==> flow/design.v <==
module cmp_unit_stage #(
   parameter WD = 80
) (
   input wire ck,
   input wire nrst,
   input wire [WD-1:0] i_x,
   input wire [WD-1:0] i_y,
   output reg [WD-1:0] o_low,
   output reg [WD-1:0] o_high
);
   reg [WD-1:0] x_reg;
   always @(posedge ck or negedge nrst) begin
      if (!nrst) begin
         x_reg <= 0;
      end else begin
         x_reg <= i_x;
      end
   end
   reg [WD-1:0] y_reg;
   always @(posedge ck or negedge nrst) begin
      if (!nrst) begin
         y_reg <= 0;
      end else begin
         y_reg <= i_y;
      end
   end
   reg r_reg;
   always @(posedge ck or negedge nrst) begin
      if (!nrst) begin
         r_reg <= 1'b0;
      end else begin
         r_reg <= (x_reg < y_reg);
      end
   end
   reg [WD-1:0] x_reg_d;
   always @(posedge ck or negedge nrst) begin
      if (!nrst) begin
         x_reg_d <= 0;
      end else begin
         x_reg_d <= x_reg;
      end
   end
   reg [WD-1:0] y_reg_d;
   always @(posedge ck or negedge nrst) begin
      if (!nrst) begin
         y_reg_d <= 0;
      end else begin
         y_reg_d <= y_reg;
      end
   end
   always @(posedge ck or negedge nrst) begin
      if (!nrst) begin
         o_low <= 0;
      end else begin
         o_low <= r_reg ? x_reg_d : y_reg_d;
      end
   end
   always @(posedge ck or negedge nrst) begin
      if (!nrst) begin
         o_high <= 0;
      end else begin
         o_high <= r_reg ? y_reg_d : x_reg_d;
      end
   end
endmodule
# --- Reports on cmp_unit_stage ---
# Tool output for the design above, in the order of the flow.
# Lines are those of the file above, counted from 1.
# Library cell names are shortened.
setup:
  top_module: "cmp_unit_stage"
  clock_port: "ck"
  lib: "sky130hd"
  lib_corner: "tt_025C_1v80"

# --- Word level ---
# Yosys after proc, flatten, opt, wreduce and memory -nomap, before mapping. Enables and synchronous resets that opt folds into registers are not counted as muxes. Memory bits, and registers merged into a memory's read port (data or address), are not among the register bits. Print and check cells are not counted. Equal cells are merged and count once.
word_totals:
  regBits: 481
  latchBits: 0
  ramBits: 0
  mem_bits_ro: 0
  clocked_rd_ports_x_width: 0
  memories: 0
  input_bits: 162
  output_inout_bits: 160
  wordCells: 10
op_classes:
  add_sub_neg: 0
  multipliers: 0
  n_div: 0
  compare: 1
  eq_ne: 0
  n_shift: 0
  muxes: 2
  logic: 0
  reduce_and_logical: 0
op_table:
  columns: ["op", "n"]
  rows:
  - ["80-bit 2-to-1 mux", 2]
  - ["80-bit less-than comparator", 1]

# --- Logic depth ---
# Yosys ltp: most cells in a row. Word level: on the elaborated netlist, between registers, memories and ports. Mapped: between sequential cells and ports; inverters and the memories' decode and read muxes count.
logic_depth:
  depth_word: 1
  abc_area: 0
  depth_mapped: 8
  mapped_depth_nobuf: 8

# --- Synthesis result ---
# Source: synth_stat.txt of the flow (Yosys; design flattened, memories mapped). It holds for the ABC_AREA given above (unset counts as 0); a run with the other value may have another netlist.
synth_totals:
  stdcells: 941
  synth_area_um2: 15901.5
  seq_area_um2: 12036.5
  ff_cells: 481
by_type:
  columns: ["type", "n", "type_area_um2"]
  rows:
  - ["dfrtp_1", 481, 1.2E+04]
  - ["mux2_2", 131, 1.48E+03]
  - ["ha_1", 79, 988.448]
  - ["mux2_1", 29, 326.563]
  - ["inv_1", 79, 296.534]
  - ["a21oi_1", 33, 165.158]
  - ["nand2_1", 23, 86.333]
  - ["a21o_1", 9, 67.565]
  - ["nand4_1", 10, 62.56]
  - ["o21ai_0", 11, 55.053]
  - ["clkbuf_1", 14, 52.55]
  - ["nor2_1", 10, 37.536]
  - ["nand3_1", 5, 25.024]
  - ["nand4_4", 1, 21.27]
  - ["nor4_4", 1, 21.27]
  - ["nor4_1", 3, 18.768]
  - ["a221oi_1", 2, 17.517]
  - ["a2111oi_2", 1, 15.014]
# Not listed: further types 15, cells in them 19.

# --- Timing after synthesis ---
# Path of least setup slack by OpenSTA after synthesis, without wires, with an ideal clock, recovery checks aside; 20% of the period is set as input and as output delay. Where synthesis merged equal registers, the netlist keeps one of their names.
synth_path:
  path_kind: "register to register"
  start: "register x_reg[7]"
  end: "register r_reg"
  tclk_ns: 2.63
  setup_ns: 0.129
  t_first_pin_ns: 0.000
  t_arrival_ns: 1.976
  required_ns: 2.501
  setup_slack_ns: 0.524
  path_delay_ns: 2.105
  driving_pins: 7
  period_less_setup_slack_ns: 2.106
# "path_delay_ns" is the arrival time less input delay plus setup time.
# "driving_pins": output pins that drive a net of the path, with the launching flip-flop's if there is one; two outputs of one cell count as two.
# "period_less_setup_slack_ns" is the clock period less the worst setup slack; recovery checks do not enter. This is arithmetic on one report: input and output delays are still those of the set period (20% each).
# The rows between start and end are the longest chain of elaborated cells between them; the timing report does not say that the signal goes this way. Where chains are equally long, one stands for them.
# Each line given opens the expression or statement behind the cell; cells for indexed reads and writes are added by Yosys, which also makes memories of some case tables.
synth_via:
  cell_sequence: "dfrtp_1 -> ha_1 -> nand2_1 -> or4_1 -> a2111oi_2 -> nor4_1 -> o41a_1"
  elab_chain_len: 1
synth_rtl:
  columns: ["element", "line", "source"]
  rows:
  - ["from (decl)", 11, "reg [WD-1:0] x_reg;"]
  - ["from (assign)", 14, "x_reg <= 0;"]
  - ["from (assign)", 16, "x_reg <= i_x;"]
  - ["80-bit less-than comparator", 32, "r_reg <= (x_reg < y_reg);"]
  - ["to (assign)", 30, "r_reg <= 1'b0;"]
  - ["to (assign)", 32, null]
  - ["to (decl)", 27, "reg r_reg;"]

# --- Worst path after layout ---
# From the final timing report of run 1: the path of least setup slack in the routed layout; clock arrival at registers is part of the times.
layout_path:
  path_kind: "register to register"
  start: "register x_reg[7]"
  end: "register r_reg"
  tclk_ns: 2.46
  setup_ns: 0.12
  t_first_pin_ns: 0.59
  t_arrival_ns: 2.82
  required_ns: 2.93
  setup_slack_ns: 0.11
  driving_pins: 7
# The rows between start and end are the longest chain of elaborated cells between them; the timing report does not say that the signal goes this way. Where chains are equally long, one stands for them.
layout_via:
  cell_sequence: "dfrtp_1 -> ha_4 -> nand2_1 -> or4_4 -> a2111oi_4 -> nor4_2 -> o41a_1"
  elab_chain_len: 1
layout_rtl:
  columns: ["element", "line", "source"]
  rows:
  - ["from (decl)", 11, "reg [WD-1:0] x_reg;"]
  - ["from (assign)", 14, "x_reg <= 0;"]
  - ["from (assign)", 16, "x_reg <= i_x;"]
  - ["80-bit less-than comparator", 32, "r_reg <= (x_reg < y_reg);"]
  - ["to (assign)", 30, "r_reg <= 1'b0;"]
  - ["to (assign)", 32, null]
  - ["to (decl)", 27, "reg r_reg;"]

# Flow measurements of cmp_unit_stage on sky130hd: 3 stored runs with different settings, listed in no order. Input and output delays are each 20% of the period that was set; the output load is 0.01 pF.
# "achieved_clock_period_ns" = clock period - worst setup slack. The figure is calculated, with input and output delays left at 20% of the set period.
# By "critical_path_time_ns" is meant the share of the clock period that the worst setup path is allowed (20% is reserved at inputs, 20% at outputs), minus its slack. Clock arrival times at its registers enter into it.
# "final_power_w" rests on the timing tool's default activity at the inputs, not on a simulated workload.
runs:
  - name: "run 1"
    settings:
      period_ns: 2.46
      CORE_UTILIZATION: 18
      PLACE_DENSITY_LB_ADDON: 0.1
      HOLD_SLACK_MARGIN: 0.17
      CELL_PAD_IN_SITES_DETAIL_PLACEMENT: 0
      TNS_END_PERCENT: 50
      CTS_CLUSTER_SIZE: 47
      SLEW_MARGIN: 10
      CAP_MARGIN: 20
      CORE_MARGIN: 2
    results:
      yosys.chip_area_um2: 15901.5
      total_die_area_um2: 90736.5
      final_stdcell_area_um2: 22868.2
      util_pct: 26.0
      worstSetupSlack_ns: 0.107
      fin_tns_ns: 0.000
      hold_ws_ns: 0.318
      final_power_w: 0.01972
      achieved_clock_period_ns: 2.353
      critical_path_time_ns: 2.35
      worstPathKind: "register to register"
  - name: "run 2"
    settings:
      period_ns: 2.63
      CAP_MARGIN: 20
      CORE_MARGIN: 2
      CORE_UTILIZATION: 40
      SLEW_MARGIN: 20
    results:
      yosys.chip_area_um2: 15901.5
      total_die_area_um2: 41365.5
      final_stdcell_area_um2: 21486.9
      util_pct: 54.5
      worstSetupSlack_ns: 0.233
      fin_tns_ns: 0.000
      hold_ws_ns: 0.366
      final_power_w: 0.016797
      achieved_clock_period_ns: 2.397
      critical_path_time_ns: 2.40
      worstPathKind: "register to register"
  - name: "run 3"
    settings:
      period_ns: 2.32
      CORE_UTILIZATION: 21
      SETUP_SLACK_MARGIN: 0.07
      PLACE_DENSITY_LB_ADDON: 0.03
      CORE_ASPECT_RATIO: 0.6
      CORE_MARGIN: 5
      ABC_AREA: 0
      CAP_MARGIN: 25
      MAX_ROUTING_LAYER: "met5"
      SLEW_MARGIN: 20
    results:
      yosys.chip_area_um2: 15901.5
      total_die_area_um2: 81505.5
      final_stdcell_area_um2: 22534.1
      util_pct: 29.9
      worstSetupSlack_ns: -0.071
      fin_tns_ns: -0.071
      hold_ws_ns: 0.310
      final_power_w: 0.019842
      achieved_clock_period_ns: 2.391
      critical_path_time_ns: 2.39
      worstPathKind: "register to register"
